==> flow/design.v <==
module core_data_mux_top #(
    parameter DATA_WIDTH = 20
) (
    input  wire sys_clk,
    input  wire RSTN,
    input  wire [DATA_WIDTH-1:0] i_data_0,
    input  wire [DATA_WIDTH-1:0] i_data_1,
    input  wire [DATA_WIDTH-1:0] i_data_2,
    input  wire [DATA_WIDTH-1:0] i_data_3,
    input  wire [DATA_WIDTH-1:0] i_data_4,
    input  wire [DATA_WIDTH-1:0] i_data_5,
    input  wire [DATA_WIDTH-1:0] i_data_6,
    input  wire [DATA_WIDTH-1:0] i_data_7,
    input  wire [DATA_WIDTH-1:0] i_data_8,
    input  wire [DATA_WIDTH-1:0] i_data_9,
    input  wire [3:0] i_select,
    output wire [DATA_WIDTH-1:0] o_out
);
    reg [DATA_WIDTH-1:0] tmp;
    always @* begin
        if (i_select == 0) tmp = i_data_0;
        else if (i_select == 1) tmp = i_data_1;
        else if (i_select == 2) tmp = i_data_2;
        else if (i_select == 3) tmp = i_data_3;
        else if (i_select == 4) tmp = i_data_4;
        else if (i_select == 5) tmp = i_data_5;
        else if (i_select == 6) tmp = i_data_6;
        else if (i_select == 7) tmp = i_data_7;
        else if (i_select == 8) tmp = i_data_8;
        else tmp = i_data_9;
    end
    reg [DATA_WIDTH-1:0] out_reg;
    always @(posedge sys_clk) begin
        if (!RSTN) begin
            out_reg <= 0;
        end else begin
            out_reg <= tmp;
        end
    end
    assign o_out = out_reg;
endmodule
# From RTL to reports: core_data_mux_top

Tool output for the design above, in the order of the flow.
Line numbers count from 1 in the design file above.
Library cell names are shortened.
The mark - stands for no value.

Top: core_data_mux_top
Clock input: sys_clk
Standard-cell library: sky130hd
Timing corner: tt_025C_1v80

# Word level

Source: Yosys, flattened and elaborated, memories not mapped. Widths are those after wreduce; folded enables and synchronous resets count as part of the registers. Registers that Yosys merges into a memory's read port (data or address) are not register bits. Print and check cells do not count. Equal cells are merged and count once.

Eq/ne operators: 8
Mux-type cells: 9
Reductions and logical operators: 1

Operator list:

| cell                                                 | count |
| 2-to-1 mux 20 bit                                    | 9 |
| equality test 4 x 3 -> 1 bit (second input constant) | 4 |
| equality test 4 x 2 -> 1 bit (second input constant) | 2 |
| equality test 4 x 1 -> 1 bit (second input constant) | 1 |
| equality test 4 bit (second input constant)          | 1 |
| logical NOT 4 bit                                    | 1 |

Bits in registers: 20
Bits of input ports: 206
Output and inout port bits: 20
Word-level cells: 19

# Logic depth

Depth = most cells in a row (Yosys ltp): at word level without a register or memory, in the mapped netlist without a sequential cell, where the memories' decode and read muxes count.

Word-level depth: 10
ABC_AREA: 0
Depth in mapped cells: 8
Depth with buffers taken out: 5

# Netlist

Yosys stat after the flow's synthesis: flattened, memories mapped to cells. It holds for the ABC_AREA given above (unset counts as 0); a run with the other value may have another netlist.

Standard cells after synthesis: 374
Chip area (Yosys): 2,567.5 um2
Sequential area: 400.4 um2
Flip-flop cells: 20
Buffer cells: 36

Cells by type:

| cell     | count | area in all (um2) |
| dfxtp_1  | 20    | 400.384 |
| a21oi_1  | 44    | 220.211 |
| o21ai_0  | 41    | 205.197 |
| mux2i_1  | 16    | 160.154 |
| o22ai_1  | 25    | 156.4 |
| nand2_1  | 39    | 146.39 |
| o221ai_1 | 16    | 140.134 |
| a22oi_1  | 13    | 97.594 |
| nor2_1   | 19    | 71.318 |
| a221oi_1 | 8     | 70.067 |
| a22o_1   | 8     | 70.067 |
| nand3_1  | 14    | 70.067 |
| buf_2    | 13    | 65.062 |
| a21o_1   | 8     | 60.058 |
| o221a_1  | 5     | 56.304 |
| clkbuf_1 | 14    | 52.55 |
| nand2b_1 | 8     | 50.048 |
| buf_4    | 6     | 45.043 |

Not listed: further types 24, cells in them 57.

# Path before layout

Path of least setup slack by OpenSTA after synthesis, without wires, with an ideal clock, recovery checks aside; 20% of the period is set as input and as output delay. Where synthesis merged equal registers, the netlist keeps one of their names.

Kind: input-to-reg
Start: input port i_select[1]
End: register out_reg[8]
Period: 2.22 ns
Input delay: 0.444 ns
Library setup time: 0.133 ns
Time at the first pin: 0.444 ns
Arrival: 1.730 ns
Required time: 2.087 ns
Setup slack: 0.357 ns
Delay of the path: 1.419 ns
Driving pins on the path: 7
Path buffers: 2
Period reached after synthesis: 1.863 ns

"delay of the path" is the arrival time less input delay plus setup time.
"driving pins on the path": output pins that drive a net of the path, with the launching flip-flop's if there is one; two outputs of one cell count as two.
"period reached after synthesis" is the clock period less the worst setup slack; recovery checks do not enter. This is arithmetic on one report: input and output delays are still those of the set period (20% each).
The rows between start and end are the longest chain of elaborated cells between them; the timing report does not say that the signal goes this way. Where chains are equally long, one stands for them.
A line is the first line of the expression or statement that the cell stems from. Yosys adds cells for indexed reads and writes and turns some case tables into memories.

Cell sequence: buf_6 > or4b_1 > buf_2 > o22ai_1 > nor2_1 > o311ai_1 > a31oi_1
Length of the longest elaborated chain: 10
Elaborated cells between the ends (all ways): 18
RTL lines with such cells: 9
Those cells by class: 8 x eq/ne; 9 x mux; 1 x reduce/logical

RTL lines, path post-synthesis:

| what                | RTL line | RTL |
| start, declared     | 16       | `input  wire [3:0] i_select,` |
| equality test 4 bit | 29       | `else if (i_select == 8) tmp = i_data_8;` |
| 2-to-1 mux 20 bit   | 29       |  |
| 2-to-1 mux 20 bit   | 28       | `else if (i_select == 7) tmp = i_data_7;` |
| 2-to-1 mux 20 bit   | 27       | `else if (i_select == 6) tmp = i_data_6;` |
| 2-to-1 mux 20 bit   | 26       | `else if (i_select == 5) tmp = i_data_5;` |
| 2-to-1 mux 20 bit   | 25       | `else if (i_select == 4) tmp = i_data_4;` |
| 2-to-1 mux 20 bit   | 24       | `else if (i_select == 3) tmp = i_data_3;` |
| 2-to-1 mux 20 bit   | 23       | `else if (i_select == 2) tmp = i_data_2;` |
| 2-to-1 mux 20 bit   | 22       | `else if (i_select == 1) tmp = i_data_1;` |
| 2-to-1 mux 20 bit   | 21       | `if (i_select == 0) tmp = i_data_0;` |
| end, assigned       | 35       | `out_reg <= 0;` |
| end, assigned       | 37       | `out_reg <= tmp;` |
| end, declared       | 32       | `reg [DATA_WIDTH-1:0] out_reg;` |

# Timing after layout

Path of least setup slack in the final report of run 1 (OpenROAD, finished layout, wires in). Where an end is a register, its clock arrival counts in the times.

Kind: input-to-reg
Start: input port i_select[2]
End: register out_reg[11]
Period: 2.22 ns
Input delay: 0.44 ns
Library setup time: 0.05 ns
Time at the first pin: 0.44 ns
Arrival: 2.35 ns
Required time: 2.42 ns
Setup slack: 0.08 ns
Driving pins on the path: 8
Path buffers: 3

The rows between start and end are the longest chain of elaborated cells between them; the timing report does not say that the signal goes this way. Where chains are equally long, one stands for them.

Cell sequence: clkdlybuf4s50_1 > buf_4 > buf_4 > nand2b_1 > nor2_1 > o221ai_1 > a222oi_1 > o221a_1
Length of the longest elaborated chain: 10
Elaborated cells between the ends (all ways): 18
RTL lines with such cells: 9
Those cells by class: 8 x eq/ne; 9 x mux; 1 x reduce/logical

RTL lines, path post-layout:

| what                | RTL line | RTL |
| start, declared     | 16       | `input  wire [3:0] i_select,` |
| equality test 4 bit | 29       | `else if (i_select == 8) tmp = i_data_8;` |
| 2-to-1 mux 20 bit   | 29       |  |
| 2-to-1 mux 20 bit   | 28       | `else if (i_select == 7) tmp = i_data_7;` |
| 2-to-1 mux 20 bit   | 27       | `else if (i_select == 6) tmp = i_data_6;` |
| 2-to-1 mux 20 bit   | 26       | `else if (i_select == 5) tmp = i_data_5;` |
| 2-to-1 mux 20 bit   | 25       | `else if (i_select == 4) tmp = i_data_4;` |
| 2-to-1 mux 20 bit   | 24       | `else if (i_select == 3) tmp = i_data_3;` |
| 2-to-1 mux 20 bit   | 23       | `else if (i_select == 2) tmp = i_data_2;` |
| 2-to-1 mux 20 bit   | 22       | `else if (i_select == 1) tmp = i_data_1;` |
| 2-to-1 mux 20 bit   | 21       | `if (i_select == 0) tmp = i_data_0;` |
| end, assigned       | 35       | `out_reg <= 0;` |
| end, assigned       | 37       | `out_reg <= tmp;` |
| end, declared       | 32       | `reg [DATA_WIDTH-1:0] out_reg;` |

Flow measurements of core_data_mux_top on sky130hd: 3 stored runs with different settings, listed in no order. Input and output delays are each 20% of the period that was set; the output load is 0.01 pF.
"achieved clock period" = clock period - worst setup slack. The figure is calculated, with input and output delays left at 20% of the set period.
"time of the worst setup path" means the part of the period allowed to the worst setup path (the constraints hold back 20% at inputs and 20% at outputs) less its slack; where the path has registers, the arrival times of their clocks count too.
"total design power" is the tool's figure for a default switching activity; nothing was simulated.
Settings: -- = not set for that run.
A result given as -- is not shown for that run.

| setting or result                            | run 1        | run 2 | run 3 |
| period_ns                                    | 2.22         | 1.45  | 1.82  |
| CAP_MARGIN                                   | 20           | 20    | 15    |
| CORE_MARGIN                                  | 2            | 2     | 8     |
| CORE_UTILIZATION                             | 40           | 71    | 65    |
| SLEW_MARGIN                                  | 20           | 20    | 30    |
| SETUP_SLACK_MARGIN                           | --           | 0.03  | 0.29  |
| PLACE_DENSITY_LB_ADDON                       | --           | 0.28  | 0.27  |
| ABC_AREA                                     | --           | 0     | 0     |
| GPL_TIMING_DRIVEN                            | --           | 1     | --    |
| CTS_CLUSTER_SIZE                             | --           | 14    | --    |
| TNS_END_PERCENT                              | --           | --    | 20    |
| MAX_ROUTING_LAYER                            | --           | --    | met5  |
| smallest hold slack (ns)                     | 0.756        | --    | --    |
| utilization in the final report              | 0.809        | --    | --    |
| total design power (uW)                      | 1,628        | --    | --    |
| die area (um2)                               | 7,075.3      | --    | --    |
| standard-cell area of the final layout (um2) | 5,079.9      | --    | --    |
| time of the worst setup path (ns)            | 1.70         | --    | --    |
| critical path kind                           | input-to-reg | --    | --    |
| setup slack of the worst path (ns)           | 0.079        | --    | --    |
| achieved clock period (ns)                   | 2.141        | --    | --    |
| synthesized cell area (um2)                  | 2,567.5      | --    | --    |
| total negative setup slack (ns)              | 0.000        | --    | --    |

Run 2: no results, placement failed with PPL-0024
Run 3: no results, placement failed with FLW-0024
